==> flow/design.v <==
module cpu_adder_top (clock, u, v, res, cy);
    parameter DWIDTH = 8;
    input clock;
    input [DWIDTH-1:0] u;
    input [DWIDTH-1:0] v;
    output [DWIDTH-1:0] res;
    output cy;
    reg [DWIDTH-1:0] u_s;
    reg [DWIDTH-1:0] v_s;
    always @(posedge clock) begin
        u_s <= u;
        v_s <= v;
    end
    reg [DWIDTH-1:0] g;
    reg [DWIDTH-1:0] p;
    integer idx;
    always @* begin
        g = u_s & v_s;
        p = u_s ^ v_s;
        for (idx = 1; idx < DWIDTH; idx = idx * 2) begin
            g = g | (p & (g << idx));
            p = p & (p << idx);
        end
    end
    reg [DWIDTH-1:0] res_s;
    always @(posedge clock)
        res_s <= u_s ^ v_s ^ {g[DWIDTH-2:0], 1'b0};
    assign res = res_s;
    reg cy_s;
    always @(posedge clock)
        cy_s <= g[DWIDTH-1];
    assign cy = cy_s;
endmodule
Ticket comment

Step by step through the tools: cpu_adder_top
Tool output for the members of one design family, told apart by "DWIDTH", in the order of the flow.
The file above is the member DWIDTH=8. Line numbers count from 1 in each member's own file.
Operators: Yosys type, input widths -> output width; for muxes data width and select width s.
Library cell names are shortened.
{ "setup": {"top": "cpu_adder_top", "clock": "clock", "lib": "sky130hd", "pvt_corner": "tt_025C_1v80"} }

Members of the sweep
New or changed lines of each further member against the RTL above, in its own file; lines it lacks are not shown.
{ "changed_lines": {"columns": ["DWIDTH", "line_no", "rtl"], "rows": [
  [14, 2, "parameter DWIDTH = 14;"],
  [36, 2, "parameter DWIDTH = 36;"],
  [64, 2, "parameter DWIDTH = 64;"],
  [128, 2, "parameter DWIDTH = 128;"]
]} }

After elaboration
Source: Yosys, flattened and elaborated, memories not mapped. Widths are those after wreduce; folded enables and synchronous resets count as part of the registers. Registers that Yosys merges into a memory's read port (data or address) are not register bits. Print and check cells do not count. Equal cells are merged and count once.
{ "word_totals": {"columns": ["DWIDTH", "inputBits", "regBits", "out_inout_bits", "wordCells"], "rows": [
  [8, 17, 25, 9, 15],
  [14, 29, 43, 15, 18],
  [36, 73, 109, 37, 24],
  [64, 129, 193, 65, 24],
  [128, 257, 385, 129, 27]
]} }
{ "op_classes": {"columns": ["DWIDTH", "logic"], "rows": [
  [8, 11],
  [14, 14],
  [36, 20],
  [64, 20],
  [128, 23]
]} }
{ "ops": {"columns": ["DWIDTH", "op_list"], "rows": [
  [8, "$and 8x8->8: 6; $or 8x8->8: 3; $xor 8x8->8: 2"],
  [14, "$and 14x14->14: 8; $or 14x14->14: 4; $xor 14x14->14: 2"],
  [36, "$and 36x36->36: 12; $or 36x36->36: 6; $xor 36x36->36: 2"],
  [64, "$and 64x64->64: 12; $or 64x64->64: 6; $xor 64x64->64: 2"],
  [128, "$and 128x128->128: 14; $or 128x128->128: 7; $xor 128x128->128: 2"]
]} }

Longest topological paths
Longest topological path by Yosys (ltp), each cell counted once; first at word level (registers and memories cut), then after technology mapping (sequential cells cut; the memories' decode and read muxes count).
{ "depth": {"columns": ["DWIDTH", "ltp_word", "abc_area", "ltp_mapped", "mapped_depth_nobuf"], "rows": [
  [8, 8, 0, 8, 8],
  [14, 10, 0, 8, 8],
  [36, 14, 0, 11, 11],
  [64, 14, 0, 12, 12],
  [128, 16, 0, 15, 15]
]} }

Netlist
Yosys stat after the flow's synthesis: flattened, memories mapped to cells. It holds for the ABC_AREA given above (unset counts as 0); a run with the other value may have another netlist.
{ "types": {"columns": ["DWIDTH", "cell_types"], "rows": [
  [8, "dfxtp_1: 25; ha_1: 8; xnor2_1: 4; nor2_1: 6; fa_1: 1; inv_1: 5; a21oi_1: 3; o21a_1: 2; nor2b_4: 1; a21boi_2: 1; a21oi_2: 1; o21ai_2: 1; o31a_1: 1; a21boi_1: 1; nand3b_1: 1; nor2b_1: 1; o22ai_1: 1; or3_1: 1; [+3]"],
  [14, "dfxtp_1: 43; ha_1: 14; xnor2_1: 7; a21oi_1: 11; nor2_1: 8; nand2_1: 7; a21o_1: 3; inv_1: 6; fa_1: 1; nor4b_1: 2; a31oi_1: 2; a31oi_2: 1; and3_1: 2; nor2b_1: 2; a21boi_2: 1; mux2_1: 1; a221o_1: 1; o211a_1: 1; [+19]"],
  [36, "dfxtp_1: 109; ha_1: 36; a21oi_1: 40; xnor2_1: 21; a21o_1: 18; nand2_1: 20; o21ai_0: 15; nor2_1: 19; xor2_1: 8; o21bai_1: 8; inv_1: 15; nand3_1: 10; a31oi_1: 6; o21a_1: 5; o31ai_1: 5; nor3_1: 6; nand4_1: 4; fa_1: 1; [+42]"],
  [64, "dfxtp_1: 193; ha_1: 64; a21oi_1: 75; xnor2_1: 34; xor2_1: 27; nand2_1: 56; a21o_1: 23; o21ai_0: 32; nor2_1: 39; nand4_1: 23; o21bai_1: 16; clkbuf_1: 26; inv_1: 21; nor2b_1: 11; o21a_1: 7; o31ai_1: 7; a31oi_1: 8; and3_1: 8; [+91]"],
  [128, "dfxtp_1: 385; ha_1: 128; a21oi_1: 175; a21o_1: 102; xnor2_1: 73; nand2_1: 134; xor2_1: 52; o21ai_0: 82; nor2_1: 104; nand4_1: 59; o21bai_1: 42; clkbuf_1: 73; inv_1: 46; o21a_1: 17; nand3_1: 24; a31oi_1: 19; nor3_1: 22; a21boi_0: 10; [+164]"]
]} }
A list marked [+n] leaves out that many cells.
{ "synth_totals": {"columns": ["DWIDTH", "ff_cells", "cell_count", "sequential_area_um2", "n_buf", "area_um2"], "rows": [
  [8, 25, 67, 500.5, 0, 825.8],
  [14, 43, 132, 860.8, 1, 1514.0],
  [36, 109, 388, 2182.1, 6, 4130.2],
  [64, 193, 761, 3863.7, 28, 7707.4],
  [128, 385, 1711, 7707.4, 73, 16395.7]
]} }

Path before layout
Path of least setup slack by OpenSTA after synthesis, without wires, with an ideal clock, recovery checks aside; 20% of the period is set as input and as output delay. Where synthesis merged equal registers, the netlist keeps one of their names.
{ "synth_path": {"columns": ["DWIDTH", "path_kind", "from", "to", "setup_slack_ns", "clock_period_ns", "path_stages", "path_delay_ns", "synth_period_reached_ns"], "rows": [
  [8, "register to register", "reg u_s[0]", "reg res_s[6]", 0.388, 1.94, 9, 1.551, 1.552],
  [14, "register to register", "reg u_s[0]", "reg res_s[12]", 0.437, 2.17, 9, 1.734, 1.733],
  [36, "register to register", "reg u_s[0]", "reg res_s[30]", 0.593, 2.96, 12, 2.367, 2.367],
  [64, "register to register", "reg u_s[0]", "reg res_s[54]", 0.646, 3.22, 13, 2.574, 2.574],
  [128, "register to register", "reg u_s[0]", "reg res_s[104]", 0.854, 4.28, 16, 3.426, 3.426]
]} }
"path_delay_ns" = arrival - input delay + setup time.
"path_stages": output pins that drive a net of the path, with the launching flip-flop's if there is one; two outputs of one cell count as two.
"synth_period_reached_ns" = period - worst setup slack (recovery checks aside). The figure is calculated, with input and output delays left at 20% of the set period.
The rows between start and end are the longest chain of elaborated cells between them; the timing report does not say that the signal goes this way. Where chains are equally long, one stands for them.
A line is the first line of the expression or statement that the cell stems from. Yosys adds cells for indexed reads and writes and turns some case tables into memories.
{ "synth_via_DWIDTH_8": {"elab_chain_len": 7} }
{ "synth_lines_DWIDTH_8": {"columns": ["element", "line_no", "rtl"], "rows": [
  ["from (decl)", 8, "reg [DWIDTH-1:0] u_s;"],
  ["from (assign)", 11, "u_s <= u;"],
  ["$and 8x8->8", 18, "g = u_s & v_s;"],
  ["$and 8x8->8", 21, "g = g | (p & (g << idx));"],
  ["$or 8x8->8 (2 in a row)", 21, null],
  ["$and 8x8->8", 21, null],
  ["$or 8x8->8", 21, null],
  ["$xor 8x8->8", 27, "res_s <= u_s ^ v_s ^ {g[DWIDTH-2:0], 1'b0};"],
  ["to (assign)", 27, null],
  ["to (decl)", 25, "reg [DWIDTH-1:0] res_s;"]
]} }
{ "synth_via_DWIDTH_128": {"elab_chain_len": 14} }
{ "synth_lines_DWIDTH_128": {"columns": ["element", "line_no", "rtl"], "rows": [
  ["from (decl)", 8, "reg [DWIDTH-1:0] u_s;"],
  ["from (assign)", 11, "u_s <= u;"],
  ["$and 128x128->128", 18, "g = u_s & v_s;"],
  ["$and 128x128->128", 21, "g = g | (p & (g << idx));"],
  ["$or 128x128->128", 21, null],
  ["$and 128x128->128", 21, null],
  ["$or 128x128->128", 21, null],
  ["$and 128x128->128", 21, null],
  ["$or 128x128->128 (3 in a row)", 21, null],
  ["$and 128x128->128", 21, null],
  ["$or 128x128->128", 21, null],
  ["$and 128x128->128", 21, null],
  ["$or 128x128->128", 21, null],
  ["$xor 128x128->128", 27, "res_s <= u_s ^ v_s ^ {g[DWIDTH-2:0], 1'b0};"],
  ["to (assign)", 27, null],
  ["to (decl)", 25, "reg [DWIDTH-1:0] res_s;"]
]} }

Timing after layout
From the final timing report of each member's run: the path of least setup slack in the routed layout; clock arrival at registers is part of the times.
{ "layout_path": {"columns": ["DWIDTH", "path_kind", "from", "to", "path_buffers", "clock_period_ns", "setup_slack_ns", "path_stages", "t_arrival_ns"], "rows": [
  [8, "register to register", "reg u_s[0]", "reg cy_s", 0, 1.94, 0.28, 9, 1.91],
  [14, "register to register", "reg u_s[0]", "reg res_s[12]", 0, 2.17, 0.24, 9, 2.10],
  [36, "register to register", "reg u_s[0]", "reg res_s[30]", 0, 2.96, 0.39, 12, 2.82],
  [64, "register to register", "reg u_s[17]", "reg res_s[56]", 1, 3.22, 0.30, 12, 3.24],
  [128, "register to register", "reg u_s[0]", "reg res_s[104]", 0, 4.28, 0.27, 16, 4.51]
]} }

Flow runs
Settings and results of one run of the flow (Yosys, OpenROAD) for each member follow. The constraints put input and output delay at 20% of the set period each and load the outputs with 0.01 pF.
{ "flow_settings": {"CAP_MARGIN": 20, "CORE_MARGIN": 2, "CORE_UTILIZATION": 40, "SLEW_MARGIN": 20} }
{ "settings_diff": {"columns": ["DWIDTH", "period_ns"], "rows": [
  [8, 1.94],
  [14, 2.17],
  [36, 2.96],
  [64, 3.22],
  [128, 4.28]
]} }
{ "results": {"columns": ["DWIDTH", "setup_ws_ns", "layout_utilization_frac", "achieved_period_ns", "die_um2", "stdcell_area_um2", "timing.setup.tns_ns", "ys_area_um2", "final_hold_ws_ns"], "rows": [
  [8, 0.276, 0.579, 1.664, 2443.8, 1136.1, 0.000, 825.8, 0.467],
  [14, 0.240, 0.566, 1.930, 4292.9, 2073.2, 0.000, 1514.0, 0.445],
  [36, 0.386, 0.546, 2.574, 11154.5, 5564.1, 0.000, 4130.2, 0.451],
  [64, 0.300, 0.559, 2.920, 20394.7, 10521.3, 0.000, 7707.4, 0.453],
  [128, 0.268, 0.542, 4.012, 42625.7, 22011.1, 0.000, 16395.7, 0.449]
]} }
"achieved_period_ns": clock period set for the run, less the worst setup slack. It is reckoned from that one timing run; input and output delays stay at 20% of the period that was set.
